==> flow/design.v <==
module dp_mult_p #(
   parameter int W = 14
) (
   input logic sys_clk,
   input logic rst_n,
   input logic [W-1:0] arg0,
   input logic [W-1:0] arg1,
   output logic [2*W-1:0] out
);
   logic [W-1:0] arg0_s;
   logic [W-1:0] arg1_s;
   always_ff @(posedge sys_clk or negedge rst_n) begin
      if (~rst_n) begin
         arg0_s <= 0;
         arg1_s <= 0;
      end else begin
         arg0_s <= arg0;
         arg1_s <= arg1;
      end
   end
   wire [2*W-1:0] tree [0:W];
   assign tree[0] = 0;
   for (genvar gi = 0; gi < W; gi++) begin : slice
      assign tree[gi+1] = tree[gi] + (arg1_s[gi] ? {{W{1'b0}}, arg0_s} << gi : {2*W{1'b0}});
   end
   logic [2*W-1:0] out_s;
   always_ff @(posedge sys_clk or negedge rst_n) begin
      if (~rst_n) begin
         out_s <= 0;
      end else begin
         out_s <= tree[W];
      end
   end
   assign out = out_s;
endmodule
### From RTL to reports: dp_mult_p

Tool output for the design above, in the order of the flow.
Line numbers count from 1 in the design file above.
Operators: Yosys type, input widths -> output width; for muxes data width and select width s.
Cell names lack the library's common part.
Not given: --

| set-up | value |
|---|---|
| design top | dp_mult_p |
| clock input | sys_clk |
| standard-cell library | sky130hd |
| library corner | tt_025C_1v80 |

### Word-level counts

Yosys after proc, flatten, opt, wreduce and memory -nomap, before mapping. Enables and synchronous resets that opt folds into registers are not counted as muxes. Memory bits, and registers merged into a memory's read port (data or address), are not among the register bits. Print and check cells are not counted. Equal cells are merged and count once.

| storage and ports | value |
|---|---|
| input bits | 30 |
| elaborated cells | 30 |
| output and inout port bits | 28 |
| register bits | 56 |

| cells by class | value |
|---|---|
| add/subtract/negate cells | 13 |
| mux-type cells | 14 |

Operator list:

| operator | number |
|---|---|
| $add 27x27->28 | 1 |
| $add 26x26->27 | 1 |
| $mux 27 | 1 |
| $add 25x25->26 | 1 |
| $mux 26 | 1 |
| $add 24x24->25 | 1 |
| $mux 25 | 1 |
| $add 23x23->24 | 1 |
| $mux 24 | 1 |
| $add 22x22->23 | 1 |
| $mux 23 | 1 |
| $add 21x21->22 | 1 |
| $mux 22 | 1 |
| $add 20x20->21 | 1 |
| $mux 21 | 1 |
| $add 19x19->20 | 1 |
| $mux 20 | 1 |
| $add 18x18->19 | 1 |
| $mux 19 | 1 |
| $add 17x17->18 | 1 |
| $mux 18 | 1 |
| $add 16x16->17 | 1 |
| $mux 17 | 1 |
| $add 14x15->16 | 1 |
| $mux 16 | 1 |
| $mux 15 | 1 |
| $mux 14 | 1 |

### Depth

Longest topological path by Yosys (ltp), each cell counted once; first at word level (registers and memories cut), then after technology mapping (sequential cells cut; the memories' decode and read muxes count).

| logic depth | value |
|---|---|
| depth after elaboration | 14 |
| ABC_AREA | 0 |
| mapped depth | 21 |
| mapped depth without buffers | 20 |

### Synthesis result

The flow's flattened synthesis, as Yosys stat reports it; memories are mapped. The netlist is that of the ABC_AREA named above (0 if unset); the other value can give another one.

Cells by type:

| cell type | number | total area (um^2) |
|---|---|---|
| fa_1 | 146 | 2.92E+03 |
| dfrtp_1 | 56 | 1.4E+03 |
| ha_1 | 85 | 1,063.52 |
| and2_1 | 91 | 569.296 |
| nand2_1 | 124 | 465.446 |
| inv_1 | 115 | 431.664 |
| clkbuf_1 | 29 | 108.854 |
| a21oi_1 | 21 | 105.101 |
| xnor2_1 | 10 | 87.584 |
| xor2_1 | 10 | 87.584 |
| o21ai_0 | 13 | 65.062 |
| nor2_1 | 10 | 37.536 |
| nand2b_1 | 4 | 25.024 |
| nand3_1 | 5 | 25.024 |
| o211ai_2 | 2 | 25.024 |
| nand4_1 | 3 | 18.768 |
| a211o_1 | 2 | 17.517 |
| a21o_2 | 2 | 17.517 |

Not listed: further types 18, cells in them 24.

| synthesis totals | value |
|---|---|
| cell count | 752 |
| flip-flops | 56 |
| synthesis area | 0.0076699 mm^2 |
| buffers | 32 |
| sequential area | 0.0014013 mm^2 |

### Worst setup path after synthesis

Path of least setup slack by OpenSTA after synthesis, without wires, with an ideal clock, recovery checks aside; 20% of the period is set as input and as output delay. Where synthesis merged equal registers, the netlist keeps one of their names.

| path after synthesis | value |
|---|---|
| path type | register -> register |
| start point | register arg0_s[11] |
| end point | register out_s[26] |
| data required time | 6.459 ns |
| time at the first pin | 0.000 ns |
| arrival | 5.145 ns |
| period | 6.59 ns |
| buffers on the path | 1 |
| delay of the path | 5.276 ns |
| driving pins on the path | 19 |
| library setup time | 0.131 ns |
| setup slack | 1.314 ns |
| synthesis period reached | 5.276 ns |

"delay of the path" = arrival - input delay + setup time.
"driving pins on the path": output pins that drive a net of the path, with the launching flip-flop's if there is one; two outputs of one cell count as two.
"synthesis period reached" = period - worst setup slack (recovery checks aside). The figure is calculated, with input and output delays left at 20% of the set period.
Between the ends stands the longest chain of elaborated cells between them, by number of cells; it is not shown to be the way that was timed. Of several equally long chains one is given.
Each line given opens the expression or statement behind the cell; cells for indexed reads and writes are added by Yosys, which also makes memories of some case tables.

| between the ends, after synthesis | value |
|---|---|
| cell sequence | dfrtp_1 -> clkbuf_1 -> nand2_1 -> fa_1 -> inv_1 -> fa_1 -> inv_1 -> fa_1 -> inv_1 -> fa_1 -> fa_1 -> fa_1 -> ha_1 -> a21oi_1 -> o21ai_0 -> a221o_1 -> a41oi_1 -> o21ai_0 -> xor2_1 |
| cells in the longest elaborated chain | 14 |
| elaborated cells between the ends (all ways) | 27 |
| RTL lines with such cells | 1 |
| classes of those cells | add/sub: 13; mux: 14 |

Ends and longest elaborated chain, after synthesis:

| item | RTL line | source |
|---|---|---|
| from (decl) | 10 | `logic [W-1:0] arg0_s;` |
| from (assign) | 14 | `arg0_s <= 0;` |
| from (assign) | 17 | `arg0_s <= arg0;` |
| $mux 14 | 24 | `assign tree[gi+1] = tree[gi] + (arg1_s[gi] ? {{W{1'b0}}, arg0_s} << gi : {2*W{1'b0}});` |
| $add 14x15->16 | 24 |  |
| $add 16x16->17 | 24 |  |
| $add 17x17->18 | 24 |  |
| $add 18x18->19 | 24 |  |
| $add 19x19->20 | 24 |  |
| $add 20x20->21 | 24 |  |
| $add 21x21->22 | 24 |  |
| $add 22x22->23 | 24 |  |
| $add 23x23->24 | 24 |  |
| $add 24x24->25 | 24 |  |
| $add 25x25->26 | 24 |  |
| $add 26x26->27 | 24 |  |
| $add 27x27->28 | 24 |  |
| to (assign) | 29 | `out_s <= 0;` |
| to (assign) | 31 | `out_s <= tree[W];` |
| to (decl) | 26 | `logic [2*W-1:0] out_s;` |

### Path in the finished layout

From the final timing report of job 1: the path of least setup slack in the routed layout; clock arrival at registers is part of the times.

| path post-layout | value |
|---|---|
| path type | register -> register |
| start point | register arg0_s[11] |
| end point | register out_s[26] |
| driving pins on the path | 18 |
| period | 6.59 ns |
| time at the first pin | 0.31 ns |
| data required time | 6.78 ns |
| buffers on the path | 0 |
| arrival | 5.93 ns |
| setup slack | 0.85 ns |
| library setup time | 0.12 ns |

Between the ends stands the longest chain of elaborated cells between them, by number of cells; it is not shown to be the way that was timed. Of several equally long chains one is given.

| between the ends, post-layout | value |
|---|---|
| cell sequence | dfrtp_1 -> nand2_1 -> fa_1 -> inv_1 -> fa_1 -> inv_1 -> fa_1 -> inv_1 -> fa_1 -> fa_1 -> fa_1 -> ha_1 -> a21oi_1 -> o21ai_0 -> a221o_1 -> a41oi_1 -> o21ai_0 -> xor2_1 |
| cells in the longest elaborated chain | 14 |
| elaborated cells between the ends (all ways) | 27 |
| RTL lines with such cells | 1 |
| classes of those cells | add/sub: 13; mux: 14 |

Ends and longest elaborated chain, post-layout:

| item | RTL line | source |
|---|---|---|
| from (decl) | 10 | `logic [W-1:0] arg0_s;` |
| from (assign) | 14 | `arg0_s <= 0;` |
| from (assign) | 17 | `arg0_s <= arg0;` |
| $mux 14 | 24 | `assign tree[gi+1] = tree[gi] + (arg1_s[gi] ? {{W{1'b0}}, arg0_s} << gi : {2*W{1'b0}});` |
| $add 14x15->16 | 24 |  |
| $add 16x16->17 | 24 |  |
| $add 17x17->18 | 24 |  |
| $add 18x18->19 | 24 |  |
| $add 19x19->20 | 24 |  |
| $add 20x20->21 | 24 |  |
| $add 21x21->22 | 24 |  |
| $add 22x22->23 | 24 |  |
| $add 23x23->24 | 24 |  |
| $add 24x24->25 | 24 |  |
| $add 25x25->26 | 24 |  |
| $add 26x26->27 | 24 |  |
| $add 27x27->28 | 24 |  |
| to (assign) | 29 | `out_s <= 0;` |
| to (assign) | 31 | `out_s <= tree[W];` |
| to (decl) | 26 | `logic [2*W-1:0] out_s;` |

Memo
Re: implementation data of dp_mult_p

Top module dp_mult_p; platform sky130hd; tools Yosys and OpenROAD; 3 stored runs in no particular order. Input and output delays are each 20% of the period that was set; the output load is 0.01 pF.
By "reached clock period" is meant the clock period of the run minus its worst setup slack. This is arithmetic on one report: input and output delays are still those of the set period (20% each).
"time of the worst setup path": the worst setup path's part of the clock period (all of it between registers, 20% less for each end at a port) less its slack. A launch clock that arrives late makes it longer, a capture clock that arrives late makes it shorter.
"power consumption" is the tool's figure for a default switching activity; nothing was simulated.
A setting shown as - is not set for that run.
Results: - = not shown.

| stored run | period_ns | CAP_MARGIN | CORE_MARGIN | CORE_UTILIZATION | SLEW_MARGIN | SETUP_SLACK_MARGIN | PLACE_DENSITY_LB_ADDON | CORE_ASPECT_RATIO | GPL_TIMING_DRIVEN | CTS_CLUSTER_DIAMETER | MIN_ROUTING_LAYER | CELL_PAD_IN_SITES_DETAIL_PLACEMENT | ABC_AREA | MAX_ROUTING_LAYER | setup total negative slack (ns) | std-cell area (final layout) (mm^2) | post-layout utilization (%) | reached clock period (ns) | final worst hold slack (ns) | time of the worst setup path (ns) | class of the worst setup path | setup slack of the critical path (ns) | die size (mm^2) | power consumption (uW) | synthesis area (mm^2) |
|---|---|---|---|---|---|---|---|---|---|---|---|---|---|---|---|---|---|---|---|---|---|---|---|---|---|
| job 1 | 6.59 | 20 | 2 | 40 | 20 | - | - | - | - | - | - | - | - | - | 0.000 | 0.0085545 | 45.6 | 5.743 | 0.791 | 5.74 | register -> register | 0.847 | 0.0202977 | 4,427 | 0.0076699 |
| job 2 | 10.3 | 30 | 2 | 29 | 20 | -0.92 | 0.18 | 1.88 | 0 | 209 | met2 | - | - | - | 0.000 | 0.0088547 | 34.0 | 6.415 | 0.593 | 6.42 | register -> register | 3.885 | 0.0278306 | 3,054 | 0.0076699 |
| job 3 | 3.91 | 20 | 2 | 64 | 35 | -0.17 | 0.1 | - | 1 | - | - | 2 | 1 | met5 | - | - | - | - | - | - | - | - | - | - | - |

Job 3: did not finish, placement stopped with DPL-0033
